==> flow/design.v <==
module mul_core_rtl #(
   parameter WIDTH = 14
) (
   input  wire clk,
   input  wire rst_i,
   input  wire [WIDTH-1:0] A,
   output reg [2*WIDTH-1:0] p
);
   reg [WIDTH-1:0] A_q;
   always @(posedge clk) begin
      if (rst_i) begin
         A_q <= 0;
         p <= 0;
      end else begin
         A_q <= A;
         p <= A_q * A_q;
      end
   end
endmodule
# Reports on mul_core_rtl
# The steps from the RTL of mul_core_rtl to its reports follow in flow order.
# Lines are those of the file above, counted from 1.
# Library cell names are shortened.
# The mark - stands for no value.
# design
top_module	mul_core_rtl
clock_port	clk
library	sky130hd
lib_corner	tt_025C_1v80

# After elaboration
# Counts by Yosys on the flattened word-level netlist (proc, flatten, opt, wreduce; memories kept). Register bits leave out memories and registers merged into their read ports (data or address); mux counts leave out enables and synchronous resets folded into registers. Print and check cells are left out. Cells with the same type and inputs are merged into one.
# word_totals
register_bits	42
input_bits	16
output_inout_bits	28
wordCells	3
# op_classes
mul	1
# op_table
cell	n
multiplier 14 x 14 -> 28 bit	1

# Depth
# Longest topological path by Yosys (ltp), each cell counted once; first at word level (registers and memories cut), then after technology mapping (sequential cells cut; the memories' decode and read muxes count).
# logic_depth
ltp_word	1
ABC_AREA	0
depth_mapped	22
depth_no_buf	21

# Synthesis result
# Yosys stat after the flow's synthesis: flattened, memories mapped to cells. It holds for the ABC_AREA given above (unset counts as 0); a run with the other value may have another netlist.
# synth_totals
mapped_cells	773
yosys_area_mm2	0.0069617
sequential_area_mm2	0.0008208
flip_flops	41
n_buf	26
# types
type	n	area_total_um2
fa_1	114	2.28E+03
ha_1	91	1.14E+03
dfxtp_1	41	820.787
inv_1	177	664.387
nand2_1	75	281.52
and2_1	30	187.68
xnor2_1	17	148.893
nor2b_1	23	143.888
a21oi_1	24	120.115
nor2_1	30	112.608
a21o_1	13	97.594
clkbuf_1	23	86.333
xor2_1	9	78.826
o21ai_0	10	50.048
a21boi_0	6	45.043
o21a_1	6	45.043
nor3_1	8	40.038
mux2_2	3	33.782
# Other cell types: 40; their cells: 73.

# Worst setup path after synthesis
# Path of least setup slack by OpenSTA after synthesis, without wires, with an ideal clock, recovery checks aside; 20% of the period is set as input and as output delay. Where synthesis merged equal registers, the netlist keeps one of their names.
# synth_timing
kind	register to register
from	register A_q[5]
to	register p[26]
clock_period_ps	7140
setup_time_ps	122
launch_ps	0
arrival_ps	5591
required_ps	7018
setup_slack_ps	1427
delay_ps	5713
driving_pins	20
path_buffers	2
synth_period_reached_ps	5713
# "delay_ps" is the arrival time less input delay plus setup time.
# "driving_pins" counts driving pins, that of a launching flip-flop among them; a cell with two outputs on the path counts twice.
# "synth_period_reached_ps" = period - worst setup slack (recovery checks aside). The figure is calculated, with input and output delays left at 20% of the set period.
# Between the ends stands the longest chain of elaborated cells between them, by number of cells; it is not shown to be the way that was timed. Of several equally long chains one is given.
# A line is the first line of the expression or statement that the cell stems from. Yosys adds cells for indexed reads and writes and turns some case tables into memories.
# synth_between
path_cell_list	dfxtp_1 clkbuf_1 nand2_1 fa_1 fa_1 inv_1 fa_1 fa_1 fa_1 inv_1 fa_1 inv_1 ha_1 clkbuf_1 and4_1 a211o_1 a2111oi_4 nor3_2 o21a_1 a311o_1
elab_chain_cells	1
cells_between	1
lines_between	1
cone_classes	1 x mul
# synth_lines
element	line	rtl
start: declaration	9	reg [WIDTH-1:0] A_q;
start: assignment	12	A_q <= 0;
start: assignment	15	A_q <= A;
multiplier 14 x 14 -> 28 bit	16	p <= A_q * A_q;
end: assignment	13	p <= 0;
end: assignment	16
end: declaration	7	output reg [2*WIDTH-1:0] p

# Path in the finished layout
# Path of least setup slack in the final report of entry A (OpenROAD, finished layout, wires in). Where an end is a register, its clock arrival counts in the times.
# The report prints the path's times to 10 ps; the period is as set.
# layout_timing
kind	register to register
from	register A_q[5]
to	register p[18]
clock_period_ps	7140
setup_time_ps	110
launch_ps	290
arrival_ps	6330
required_ps	7320
setup_slack_ps	990
driving_pins	19
path_buffers	0
# Between the ends stands the longest chain of elaborated cells between them, by number of cells; it is not shown to be the way that was timed. Of several equally long chains one is given.
# layout_between
path_cell_list	dfxtp_1 and2_1 ha_1 xor2_1 fa_1 fa_1 inv_1 fa_1 fa_1 inv_1 fa_1 inv_1 ha_1 and4_1 a21oi_1 nand3_1 or3_1 a21oi_1 mux2_1
elab_chain_cells	1
cells_between	1
lines_between	1
cone_classes	1 x mul
# layout_lines
element	line	rtl
start: declaration	9	reg [WIDTH-1:0] A_q;
start: assignment	12	A_q <= 0;
start: assignment	15	A_q <= A;
multiplier 14 x 14 -> 28 bit	16	p <= A_q * A_q;
end: assignment	13	p <= 0;
end: assignment	16
end: declaration	7	output reg [2*WIDTH-1:0] p

# Flow measurements of mul_core_rtl on sky130hd: 3 stored runs with different settings, listed in no order. Input and output delays are each 20% of the period that was set; the output load is 0.01 pF.
# "achieved_clock_period_ps": clock period set for the run, less the worst setup slack. It is reckoned from that one timing run; input and output delays stay at 20% of the period that was set.
# By "worstPathTime_ps" is meant the share of the clock period that the worst setup path is allowed (20% is reserved at inputs, 20% at outputs), minus its slack. Clock arrival times at its registers enter into it.
# "power_total_uw": no workload was simulated; the value follows from the tool's default switching activity.
# "worstPathTime_ps" is given in steps of 10 ps.
# A setting shown as n/a is not set for that run.
setting or result,entry A,entry B,entry C
period_ns,7.14,6.74,6.41
CAP_MARGIN,20,5,5
CORE_MARGIN,2,2,2
CORE_UTILIZATION,40,25,35
SLEW_MARGIN,20,20,20
SETUP_SLACK_MARGIN,n/a,0.49,1.42
PLACE_DENSITY,n/a,0.82,n/a
CELL_PAD_IN_SITES_GLOBAL_PLACEMENT,n/a,2,2
ABC_AREA,n/a,1,1
CTS_CLUSTER_SIZE,n/a,78,n/a
HOLD_SLACK_MARGIN,n/a,n/a,-0.02
CELL_PAD_IN_SITES_DETAIL_PLACEMENT,n/a,n/a,2
GPL_ROUTABILITY_DRIVEN,n/a,n/a,0
CTS_CLUSTER_DIAMETER,n/a,n/a,176
MIN_ROUTING_LAYER,n/a,n/a,met1
MAX_ROUTING_LAYER,n/a,n/a,met4
final_cell_area_mm2,0.0077299,0.0083192,0.0091838
fin_util_frac,0.45,0.29,0.451
power_total_uw,1282,1367,1722
ws_setup_ps,988,978,1345
hold_ws_ps,747,667,764
design.die.area_mm2,0.0184756,0.0305253,0.021987
yosys_chip_area_mm2,0.0069617,0.0072857,0.0072857
tns_setup_ps,0,0,0
worstPathTime_ps,6150,5760,5060
worst_path_kind,register to register,register to register,register to register
achieved_clock_period_ps,6152,5762,5065
